==> flow/design.v <==
module my_ram_block #(
   parameter integer D = 40,
   parameter integer NBITS = 32,
   parameter integer NR = 1,
   parameter integer WPORTS = 2,
   parameter integer ABITS = $clog2(D)
) (
   input logic clk_i,
   input logic [WPORTS-1:0] wen,
   input logic [WPORTS*ABITS-1:0] wr_idx,
   input logic [WPORTS*NBITS-1:0] wdata,
   input logic [NR*ABITS-1:0] rd_addr,
   output logic [NR*NBITS-1:0] rd
);
   logic [NBITS-1:0] gpr [D-1:0];
   always_ff @(posedge clk_i) begin
      for (int i = 0; i < WPORTS; i++)
         if (wen[i]) gpr[wr_idx[i*ABITS +: ABITS]] <= wdata[i*NBITS +: NBITS];
   end
   logic [NR*NBITS-1:0] cur;
   for (genvar jj = 0; jj < NR; jj++) begin : row
      assign cur[jj*NBITS +: NBITS] = gpr[rd_addr[jj*ABITS +: ABITS]];
   end
   assign rd = cur;
endmodule
# Reports on my_ram_block
# What the tools print for my_ram_block, step after step.
# Line numbers count from 1 in the design file above.
# Not given: n/a
# inputs
top_module,my_ram_block
clock,clk_i
lib,sky130hd
corner,tt_025C_1v80

# Word-level counts
# Yosys after proc, flatten, opt, wreduce and memory -nomap, before mapping. Enables and synchronous resets that opt folds into registers are not counted as muxes. Memory bits, and registers merged into a memory's read port (data or address), are not among the register bits. Print and check cells are not counted. Equal cells are merged and count once.
# Yosys's memory passes give these memory sizes; they may raise the number of words (mostly to a power of two), join words into wider ones and drop unused or constant bits.
# word_totals
ff_bits,0
ramBits,1280
out_inout_bits,32
mem_count,1
input_bits,85
# memory_table
memory,size,width,read_ports,write_ports,line,text
gpr,40,32,1,2,15,logic [NBITS-1:0] gpr [D-1:0];
# classes
mux,6
# ops
operator,count
2-to-1 mux 32 bit,2
2-to-1 mux 6 bit,2
2-to-1 mux 1 bit,2

# Depth
# Longest topological path by Yosys (ltp), each cell counted once; first at word level (registers and memories cut), then after technology mapping (sequential cells cut; the memories' decode and read muxes count).
# depth
depth_word,1
abc_area,0
ltp_mapped,8

# Netlist
# Yosys stat after the flow's synthesis: flattened, memories mapped to cells. It holds for the ABC_AREA given above (unset counts as 0); a run with the other value may have another netlist.
# The area totals of this step are shown rounded.
# synth_totals
mapped_cells,4264
sequential_area_mm2,0.038
buf_cells,540
area_mm2,0.066
flip_flops,1280
# types
cell_type,count
sky130_fd_sc_hd__edfxtp_1,1280
sky130_fd_sc_hd__mux2_2,1291
sky130_fd_sc_hd__mux2i_1,512
sky130_fd_sc_hd__mux4_2,64
sky130_fd_sc_hd__clkbuf_1,322
sky130_fd_sc_hd__a22oi_1,128
sky130_fd_sc_hd__buf_2,134
sky130_fd_sc_hd__a22o_1,64
sky130_fd_sc_hd__a221oi_1,63
sky130_fd_sc_hd__o41ai_2,30
sky130_fd_sc_hd__a21oi_1,64
sky130_fd_sc_hd__o22ai_1,51
sky130_fd_sc_hd__buf_4,41
sky130_fd_sc_hd__mux2_1,21
sky130_fd_sc_hd__nand2_1,59
sky130_fd_sc_hd__buf_6,10
sky130_fd_sc_hd__buf_1,29
sky130_fd_sc_hd__o21ai_0,20
# Not listed: further types 24, cells in them 81.

# Path before layout
# Path of least setup slack by OpenSTA after synthesis, without wires, with an ideal clock, recovery checks aside; 20% of the period is set as input and as output delay. Where synthesis merged equal registers, the netlist keeps one of their names.
# synth_path
path_type,input port to flip-flop
startpoint,input wr_idx[5]
endpoint,memory gpr[18][0]
arrival_ps,3995
input_delay_ps,1062
path_delay_ps,3399
path_stages,3
setup_ps,466
tclk_ps,5310
t_first_pin_ps,1062
setup_slack_ps,849
synth_period_reached_ps,4461
# "path_delay_ps" = arrival - input delay + setup time.
# "path_stages": output pins that drive a net of the path, with the launching flip-flop's if there is one; two outputs of one cell count as two.
# "synth_period_reached_ps" is the clock period less the worst setup slack; recovery checks do not enter. This is arithmetic on one report: input and output delays are still those of the set period (20% each).
# Between the ends stands the longest chain of elaborated cells between them, by number of cells; it is not shown to be the way that was timed. Of several equally long chains one is given.
# A line is the first line of the expression or statement that the cell stems from. Yosys adds cells for indexed reads and writes and turns some case tables into memories.
# synth_via
path_cell_list,sky130_fd_sc_hd__or3b_2 > sky130_fd_sc_hd__clkbuf_1 > sky130_fd_sc_hd__o21ai_0
elab_chain_len,1
# synth_rtl
element,line,text
start: declaration,10,"input logic [WPORTS*ABITS-1:0] wr_idx,"
2-to-1 mux 6 bit,18,if (wen[i]) gpr[wr_idx[i*ABITS +: ABITS]] <= wdata[i*NBITS +: NBITS];
end: declaration,15,logic [NBITS-1:0] gpr [D-1:0];

# Path in the finished layout
# Path of least setup slack in the final report of flow run A (OpenROAD, finished layout, wires in). Where an end is a register, its clock arrival counts in the times.
# The report prints the path's times to 10 ps; the period is as set.
# layout_path
path_type,input port to output port
startpoint,input rd_addr[2]
endpoint,output rd[2]
arrival_ps,4200
path_stages,8
t_first_pin_ps,1060
setup_slack_ps,50
input_delay_ps,1060
tclk_ps,5310
# Between the ends stands the longest chain of elaborated cells between them, by number of cells; it is not shown to be the way that was timed. Of several equally long chains one is given.
# A memory read counts as a cell of the chain, while the word-level depth stops at memories.
# layout_via
path_cell_list,sky130_fd_sc_hd__buf_2 > sky130_fd_sc_hd__and2_4 > sky130_fd_sc_hd__buf_12 > sky130_fd_sc_hd__buf_4 > sky130_fd_sc_hd__a22oi_1 > sky130_fd_sc_hd__a21oi_1 > sky130_fd_sc_hd__o41ai_2 > sky130_fd_sc_hd__clkdlybuf4s50_1
elab_chain_len,1
# layout_rtl
element,line,text
start: declaration,12,"input logic [NR*ABITS-1:0] rd_addr,"
memory read (40 x 32 bit),15,logic [NBITS-1:0] gpr [D-1:0];
end: declaration,13,output logic [NR*NBITS-1:0] rd

Memo
Re: implementation data of my_ram_block

Design my_ram_block on sky130hd. What follows are 2 stored runs of the flow, each under its own settings; their order means nothing. The constraints put input and output delay at 20% of the set period each and load the outputs with 0.01 pF.
"clock_period_reached_ps": clock period set for the run, less the worst setup slack. It is reckoned from that one timing run; input and output delays stay at 20% of the period that was set.
The results are shown rounded.

Flow run A, flow files:
==> flow/run.sh <==
#!/bin/bash
# the make line also repeats the synthesis and layout settings of config.mk as NAME=value (left out here)
make -C /OpenROAD-flow-scripts/flow DESIGN_CONFIG=/design/flow/config.mk WORK_HOME=/design/flow/orfs CLKGATE_MAP_FILE= finish
==> flow/config.mk <==
export PLATFORM = sky130hd
export DESIGN_NAME = my_ram_block
export DESIGN_NICKNAME = my_ram_block
export VERILOG_FILES = /design/flow/design.v
export SDC_FILE = /design/flow/constraint.sdc
export NUM_CORES = 4
export LEC_CHECK = 0
export CAP_MARGIN = 20
export CORE_MARGIN = 2
export CORE_UTILIZATION = 40
export SLEW_MARGIN = 20
==> flow/constraint.sdc <==
create_clock -name core_clock -period 5.31 [get_ports {clk_i}]
set_input_delay 1.0620 -clock core_clock [delete_from_list [all_inputs] [get_ports {clk_i}]]
set_output_delay 1.0620 -clock core_clock [all_outputs]
set_load 0.01 [all_outputs]

==> results of flow run A, as CSV <==
result,value
clock_period_reached_ps,5260
fin_util_pct,46
tns_setup_ps,0
timing.setup.ws_ps,50
design_die_area_mm2,0.17
yosys.chip_area_mm2,0.066
stdcell_area_mm2,0.075

Flow run B, flow files:
==> flow/run.sh <==
#!/bin/bash
# the make line also repeats the synthesis and layout settings of config.mk as NAME=value (left out here)
make -C /OpenROAD-flow-scripts/flow DESIGN_CONFIG=/design/flow/config.mk WORK_HOME=/design/flow/orfs CLKGATE_MAP_FILE= finish
==> flow/config.mk <==
export PLATFORM = sky130hd
export DESIGN_NAME = my_ram_block
export DESIGN_NICKNAME = my_ram_block
export VERILOG_FILES = /design/flow/design.v
export SDC_FILE = /design/flow/constraint.sdc
export NUM_CORES = 4
export LEC_CHECK = 0
export ABC_AREA = 0
export CAP_MARGIN = 20
export CELL_PAD_IN_SITES_GLOBAL_PLACEMENT = 2
export CORE_MARGIN = 2
export CORE_UTILIZATION = 53
export CTS_CLUSTER_DIAMETER = 291
export GPL_ROUTABILITY_DRIVEN = 0
export GPL_TIMING_DRIVEN = 0
export HOLD_SLACK_MARGIN = 0.16
export PLACE_DENSITY = 0.61
export SETUP_SLACK_MARGIN = 0.3
export SLEW_MARGIN = 20
==> flow/constraint.sdc <==
create_clock -name core_clock -period 2.71 [get_ports {clk_i}]
set_input_delay 0.5420 -clock core_clock [delete_from_list [all_inputs] [get_ports {clk_i}]]
set_output_delay 0.5420 -clock core_clock [all_outputs]
set_load 0.01 [all_outputs]

==> results of flow run B, as CSV <==
result,value
clock_period_reached_ps,3233
fin_util_pct,66
tns_setup_ps,-12000
timing.setup.ws_ps,-520
design_die_area_mm2,0.13
yosys.chip_area_mm2,0.066
stdcell_area_mm2,0.081
